==> flow/design.v <==
module summer_stage #(
    parameter integer DW = 4
) (
    input clk,
    input valid,
    input [DW-1:0] i_u,
    input [DW-1:0] i_v,
    output reg [DW:0] o_o
);
    reg [DW-1:0] r_u;
    reg [DW-1:0] r_v;
    always @(posedge clk) begin
        if (valid) begin
            r_u <= i_u;
            r_v <= i_v;
        end
    end
    localparam LO_W = DW / 2;
    reg [LO_W:0] r_lo;
    reg [DW-LO_W-1:0] r_u_hi;
    reg [DW-LO_W-1:0] r_v_hi;
    always @(posedge clk) begin
        if (valid) begin
            r_lo <= r_u[LO_W-1:0] + r_v[LO_W-1:0];
            r_u_hi <= r_u[DW-1:LO_W];
            r_v_hi <= r_v[DW-1:LO_W];
        end
    end
    wire [DW-LO_W:0] msb = r_u_hi + r_v_hi + r_lo[LO_W];
    always @(posedge clk) begin
        if (valid) begin
            o_o <= {msb, r_lo[LO_W-1:0]};
        end
    end
endmodule
# == Reports on summer_stage ==
# Module summer_stage in several versions that differ in "DW"; each step lists the members.
# The RTL above is that of DW = 4; lines are counted from 1 in the file of the member named.
# Operators: Yosys type, input widths -> output width; for muxes data width and select width s.
# Library cell names are shortened.
# Not given: --
# design
top_module,summer_stage
clock,clk
lib,sky130hd
pvt_corner,tt_025C_1v80

# == Members of the sweep ==
# Lines of each other member's file that are new or changed against the file above; lines that a member lacks are not shown.
# src_changes
DW,line_no,text
7,2,parameter integer DW = 7
14,2,parameter integer DW = 14
112,2,parameter integer DW = 112
128,2,parameter integer DW = 128

# == Word-level counts ==
# Source: Yosys, flattened and elaborated, memories not mapped. Widths are those after wreduce; folded enables and synchronous resets count as part of the registers. Registers that Yosys merges into a memory's read port (data or address) are not register bits. Print and check cells do not count. Equal cells are merged and count once.
# op_classes
DW,addsub
4,3
7,3
14,3
112,3
128,3
# ops
DW,operators
4,$add 2x2->3 (2); $add 3x1->3 (1)
7,$add 4x4->5 (1); $add 5x1->5 (1); $add 3x3->4 (1)
14,$add 7x7->8 (2); $add 8x1->8 (1)
112,$add 56x56->57 (2); $add 57x1->57 (1)
128,$add 64x64->65 (2); $add 65x1->65 (1)
# bits
DW,output_inout_bits,register_bits,in_bits,elab_cells
4,5,20,10,9
7,8,34,16,9
14,15,65,30,9
112,113,506,226,9
128,129,578,258,9

# == Longest topological paths ==
# Depth = most cells in a row (Yosys ltp): at word level without a register or memory, in the mapped netlist without a sequential cell, where the memories' decode and read muxes count.
# depth
DW,word_depth,abc_area,depth_mapped,depth_no_buf
4,2,0,4,4
7,2,0,6,6
14,2,0,7,7
112,2,0,11,11
128,2,0,11,11

# == Mapped cells and area ==
# Yosys stat after the flow's synthesis: flattened, memories mapped to cells. It holds for the ABC_AREA given above (unset counts as 0); a run with the other value may have another netlist.
# Totals and module areas in this step are rounded.
# types
DW,cell_types
4,edfxtp_1 (20); fa_1 (3); inv_1 (13); ha_1 (1)
7,edfxtp_1 (34); ha_1 (6); fa_1 (3); inv_1 (8); xnor2_1 (3); a21o_1 (3); a21oi_2 (1); nand2b_1 (1); nor2b_1 (1); o21ai_0 (1)
14,edfxtp_1 (65); ha_1 (13); fa_1 (3); xnor2_1 (6); a21oi_1 (8); inv_1 (10); nor2b_1 (5); o21ai_0 (5); a311o_1 (2); o31a_1 (2); a311oi_2 (1); nor2_1 (4); o21a_1 (2); a31oi_1 (2); nor4_1 (2); and3_4 (1); nand2_1 (3); a211o_1 (1); (+4)
112,edfxtp_1 (506); ha_1 (111); a21oi_1 (132); xnor2_1 (59); a21o_1 (65); xor2_1 (47); o21ai_0 (74); nand2_1 (90); nor2_1 (59); nand4_1 (27); o21bai_1 (21); clkbuf_1 (39); nand3_1 (22); inv_1 (26); a31oi_1 (14); nor3_1 (14); a211oi_1 (9); o21a_1 (9); (+112)
128,edfxtp_1 (578); ha_1 (127); a21oi_1 (154); a21o_1 (84); xnor2_1 (68); xor2_1 (49); nand2_1 (102); nor2_1 (81); o21ai_0 (59); nand4_1 (36); o21bai_1 (29); clkbuf_1 (39); a211oi_1 (16); nor3_1 (24); inv_1 (31); nand3_1 (21); o211ai_1 (12); o21a_1 (12); (+179)
# The mark (+n) counts cells that are not listed.
# mapped
DW,mapped_cells,buf_cells,area_mm2,seq_area_mm2,ff_cells
4,37,0,0.000722,0.000601,20
7,61,0,0.00126,0.00102,34
14,139,0,0.00252,0.00195,65
112,1436,40,0.0215,0.0152,506
128,1701,51,0.0251,0.0174,578

# == Timing after synthesis ==
# Path of least setup slack by OpenSTA after synthesis, without wires, with an ideal clock, recovery checks aside; 20% of the period is set as input and as output delay. Where synthesis merged equal registers, the netlist keeps one of their names.
# synth_timing
DW,kind,from,to,path_delay_ps,driving_pins,clock_period_ps,setup_slack_ps,period_less_setup_slack_ps
4,register to register,register r_lo[2],register o_o[3],1527,5,1910,383,1527
7,register to register,register r_lo[3],register o_o[7],1556,7,1950,395,1555
14,register to register,register r_lo[7],register o_o[13],1972,7,2460,488,1972
112,register to register,register r_lo[56],register o_o[112],3277,12,4100,823,3277
128,register to register,register r_lo[64],register o_o[124],3136,12,3920,784,3136
# "path_delay_ps" is the arrival time less input delay plus setup time.
# "driving_pins": output pins that drive a net of the path, with the launching flip-flop's if there is one; two outputs of one cell count as two.
# "period_less_setup_slack_ps" is the clock period less the worst setup slack; recovery checks do not enter. This is arithmetic on one report: input and output delays are still those of the set period (20% each).
# Between the ends stands the longest chain of elaborated cells between them, by number of cells; it is not shown to be the way that was timed. Of several equally long chains one is given.
# Each line given opens the expression or statement behind the cell; cells for indexed reads and writes are added by Yosys, which also makes memories of some case tables.
# synth_between_DW_4
elab_chain_len,1
# synth_lines_DW_4
item,line_no,text
start: declaration,19,reg [LO_W:0] r_lo;
start: assignment,24,r_lo <= r_u[LO_W-1:0] + r_v[LO_W-1:0];
$add 3x1->3,29,wire [DW-LO_W:0] msb = r_u_hi + r_v_hi + r_lo[LO_W];
end: assignment,32,"o_o <= {msb, r_lo[LO_W-1:0]};"
end: declaration,8,output reg [DW:0] o_o
# synth_between_DW_128
elab_chain_len,1
# synth_lines_DW_128
item,line_no,text
start: declaration,19,reg [LO_W:0] r_lo;
start: assignment,24,r_lo <= r_u[LO_W-1:0] + r_v[LO_W-1:0];
$add 65x1->65,29,wire [DW-LO_W:0] msb = r_u_hi + r_v_hi + r_lo[LO_W];
end: assignment,32,"o_o <= {msb, r_lo[LO_W-1:0]};"
end: declaration,8,output reg [DW:0] o_o

# == Path in the finished layout ==
# From the final timing report of each member's run: the path of least setup slack in the routed layout; clock arrival at registers is part of the times.
# The report prints the path's times to 10 ps; the period is as set.
# layout_timing
DW,kind,from,to,clock_period_ps,driving_pins,setup_slack_ps,t_arrival_ps,path_buffers
4,register to register,register r_lo[2],register o_o[3],1910,5,280,1690,0
7,register to register,register r_lo[3],register o_o[7],1950,7,300,1740,0
14,register to register,register r_lo[7],register o_o[13],2460,7,360,2180,0
112,register to register,register r_lo[56],register o_o[112],4100,12,220,4220,0
128,register to register,register r_u[0],register r_lo[64],3920,12,230,4040,0

# == Measured runs ==
# Settings and results of one run of the flow (Yosys, OpenROAD) for each member follow. The constraints put input and output delay at 20% of the set period each and load the outputs with 0.01 pF.
# settings
CAP_MARGIN,20
CORE_MARGIN,2
CORE_UTILIZATION,40
SLEW_MARGIN,20
# settings_diff
DW,period_ns
4,1.91
7,1.95
14,2.46
112,4.1
128,3.92
# measured
DW,yosys.chip_area_mm2,setup_worst_slack_ps,period_reached_ps,total_die_area_mm2,util_pct,power_uw,final_hold_ws_ps
4,0.000722,285,1625,0.00216,56.3,964,430
7,0.00126,303,1647,0.00362,53.4,1430,428
14,0.00252,363,2097,0.00695,54.4,2570,419
112,0.0215,220,3880,0.0555,52.2,13800,414
128,0.0251,229,3691,0.0647,51.6,16300,412
# "period_reached_ps" = clock period - worst setup slack. The figure is calculated, with input and output delays left at 20% of the set period.
# "power_uw" is the tool's figure for a default switching activity; nothing was simulated.
# The results are shown rounded.
